==> flow/design.v <==
module shft #(
  parameter XLEN = 80,
  parameter SW = $clog2(XLEN)
) (
  input ck,
  input rst_n,
  input enable,
  input [XLEN-1:0] bus,
  input [SW-1:0] sa,
  output reg [XLEN-1:0] y
);
  reg [XLEN-1:0] bus_s;
  reg [SW-1:0] sa_s;
  wire [XLEN-1:0] node [0:SW];
  assign node[0] = bus_s;
  genvar ii;
  generate
    for (ii = 0; ii < SW; ii = ii + 1) begin : each
      assign node[ii+1] = sa_s[ii] ? node[ii] >> (1 << ii) : node[ii];
    end
  endgenerate
  always @(posedge ck) begin
    if (!rst_n) begin
      bus_s <= 0;
      sa_s <= 0;
      y <= 0;
    end else if (enable) begin
      bus_s <= bus;
      sa_s <= sa;
      y <= node[SW];
    end
  end
endmodule
# --- Reports on shft ---
# Tool output for the design above, in the order of the flow.
# Line numbers count from 1 in the design file above.
# Operators carry their Yosys type and port widths (W data, S select, Z words).
# Cell names lack the library's common part.
setup:
  top_module: "shft"
  clock: "ck"
  lib: "sky130hd"
  lib_corner: "tt_025C_1v80"

# --- Elaborated design ---
# Counts by Yosys on the flattened word-level netlist (proc, flatten, opt, wreduce). Print and check cells are left out. Cells with the same type and inputs are merged into one.
word_totals:
  word_cells: 10
  reg_bits: 167
  in_bits: 90
classes:
  muxes: 7
op_table:
  columns: ["cell", "count"]
  rows:
  - ["$mux W80", 7]

# --- Longest topological paths ---
# Depth = most cells in a row (Yosys ltp): at word level without a register or memory, in the mapped netlist without a sequential cell, where the memories' decode and read muxes count.
logic_depth:
  word_depth: 7
  abc_area: 0
  mapped_depth: 11
  depth_no_buf: 6

# --- Synthesis result ---
# The flow's flattened synthesis, as Yosys stat reports it; memories are mapped. The netlist is that of the ABC_AREA named above (0 if unset); the other value can give another one.
types:
  columns: ["type", "count"]
  rows:
  - ["dfxtp_1", 167]
  - ["mux2i_1", 203]
  - ["mux4_2", 50]
  - ["mux2_2", 72]
  - ["nor2_1", 193]
  - ["mux4_1", 19]
  - ["nand2_1", 119]
  - ["o21ai_0", 52]
  - ["a21oi_1", 40]
  - ["clkbuf_1", 51]
  - ["buf_2", 33]
  - ["o211ai_1", 20]
  - ["o221ai_1", 17]
  - ["o22ai_1", 21]
  - ["a22o_1", 14]
  - ["o2bb2ai_1", 14]
  - ["a22oi_1", 14]
  - ["a211oi_1", 13]
# Other cell types: 56; their cells: 251.
synth_totals:
  stdcells: 1363
  seq_area_um2: 3343.2
  n_buf: 119
  ffs: 167
  synth_area_um2: 12513.3

# --- Path before layout ---
# Source: OpenSTA report_checks on the synthesized netlist (no wires, ideal clock, input and output delay 20% of the period each), path of least setup slack; recovery checks are left aside. Register names are those of the netlist, which keeps one name where synthesis merged equal registers.
synth_timing:
  kind: "input -> register"
  from: "in enable"
  to: "reg y[23]"
  t_arrival_ns: 2.203
  delay_ns: 1.702
  clock_period_ns: 2.79
  in_delay_ns: 0.558
  path_slack_ns: 0.530
  path_stages: 8
  t_required_ns: 2.733
  period_less_setup_slack_ns: 2.26
# "delay_ns" = arrival - input delay + setup time.
# "path_stages": output pins that drive a net of the path, with the launching flip-flop's if there is one; two outputs of one cell count as two.
# "period_less_setup_slack_ns" is the clock period less the worst setup slack; recovery checks do not enter. This is arithmetic on one report: input and output delays are still those of the set period (20% each).
synth_via:
  path_cell_list: "buf_2 > or3b_2 > clkbuf_1 > nor2_1 > nand2_1 > a211o_1 > o21ai_0 > or3_1"
synth_lines:
  columns: ["element", "line", "rtl"]
  rows:
  - ["start, declared", 7, "input enable,"]
  - ["end, assigned", 26, "y <= 0;"]
  - ["end, assigned", 30, "y <= node[SW];"]
  - ["end, declared", 10, "output reg [XLEN-1:0] y"]
# Chain of elaborated cells between the ends: none given.

# --- Worst path after layout ---
# Path of least setup slack in the final report of record 1 (OpenROAD, finished layout, wires in). Where an end is a register, its clock arrival counts in the times.
layout_timing:
  kind: "register -> register"
  from: "reg sa_s[1]"
  to: "reg y[17]"
  path_slack_ns: 0.03
  t_arrival_ns: 3.10
  t_required_ns: 3.13
  path_stages: 10
  clock_period_ns: 2.79
# The rows between start and end are the longest chain of elaborated cells between them; the timing report does not say that the signal goes this way. Where chains are equally long, one stands for them.
# Each line given opens the expression or statement behind the cell; cells for indexed reads and writes are added by Yosys, which also makes memories of some case tables.
layout_via:
  path_cell_list: "dfxtp_4 > buf_12 > mux4_2 > a22o_2 > a221oi_1 > buf_4 > nor2_1 > a21oi_1 > buf_4 > o21ai_0"
  elab_chain_cells: 6
  cone_cells: 6
  classes_between: "6 x mux"
layout_lines:
  columns: ["element", "line", "rtl"]
  rows:
  - ["start, declared", 13, "reg [SW-1:0] sa_s;"]
  - ["start, assigned", 25, "sa_s <= 0;"]
  - ["start, assigned", 29, "sa_s <= sa;"]
  - ["$mux W80 (6 in a row)", 19, "assign node[ii+1] = sa_s[ii] ? node[ii] >> (1 << ii) : node[ii];"]
  - ["end, assigned", 26, "y <= 0;"]
  - ["end, assigned", 30, "y <= node[SW];"]
  - ["end, declared", 10, "output reg [XLEN-1:0] y"]

# shft through Yosys and OpenROAD on sky130hd: 2 stored runs, unordered, with their settings and measured results. The constraints put input and output delay at 20% of the set period each and load the outputs with 0.01 pF.
# "period_reached_ns" is the run's clock period less its worst setup slack. It is reckoned from that one timing run; input and output delays stay at 20% of the period that was set.
# "worst_path_ns": the worst setup path's part of the clock period (all of it between registers, 20% less for each end at a port) less its slack. A launch clock that arrives late makes it longer, a capture clock that arrives late makes it shorter.
# By "final_power_mw" is meant OpenSTA's value without simulated activity: inputs other than the clock are taken to toggle once in ten clock periods, and the tool carries that through the logic.
runs:
  - name: "record 1"
    settings:
      period_ns: 2.79
      CAP_MARGIN: 20
      CORE_MARGIN: 2
      CORE_UTILIZATION: 40
      SLEW_MARGIN: 20
    results:
      synthArea_um2: 12513.3
      fin_hold_ws_ns: 0.396
      worst_path_ns: 2.76
      path_kind: "register -> register"
      final_power_mw: 7.630
      final_stdcell_area_um2: 16141.7
      tns_setup_ns: 0.000
      period_reached_ns: 2.761
      layout_utilization_frac: 0.526
      setup_worst_slack_ns: 0.029
      die_footprint_um2: 32714.0
  - name: "record 2"
    settings:
      period_ns: 2.59
      CORE_UTILIZATION: 20
      PLACE_DENSITY: 0.59
      CORE_ASPECT_RATIO: 1.03
      CORE_MARGIN: 9
      TNS_END_PERCENT: 45
      GPL_TIMING_DRIVEN: 1
      GPL_ROUTABILITY_DRIVEN: 1
      CTS_CLUSTER_DIAMETER: 103
      CAP_MARGIN: 0
      SLEW_MARGIN: 35
      MIN_ROUTING_LAYER: "met1"
    results:
      synthArea_um2: 12513.3
      layout_utilization_frac: 0.287
      tns_setup_ns: 0.000
      fin_hold_ws_ns: 0.393
      final_stdcell_area_um2: 17644.4
      final_power_mw: 8.582
      die_footprint_um2: 71894.8
      worst_path_ns: 2.56
      path_kind: "register -> register"
      setup_worst_slack_ns: 0.029
      period_reached_ns: 2.561
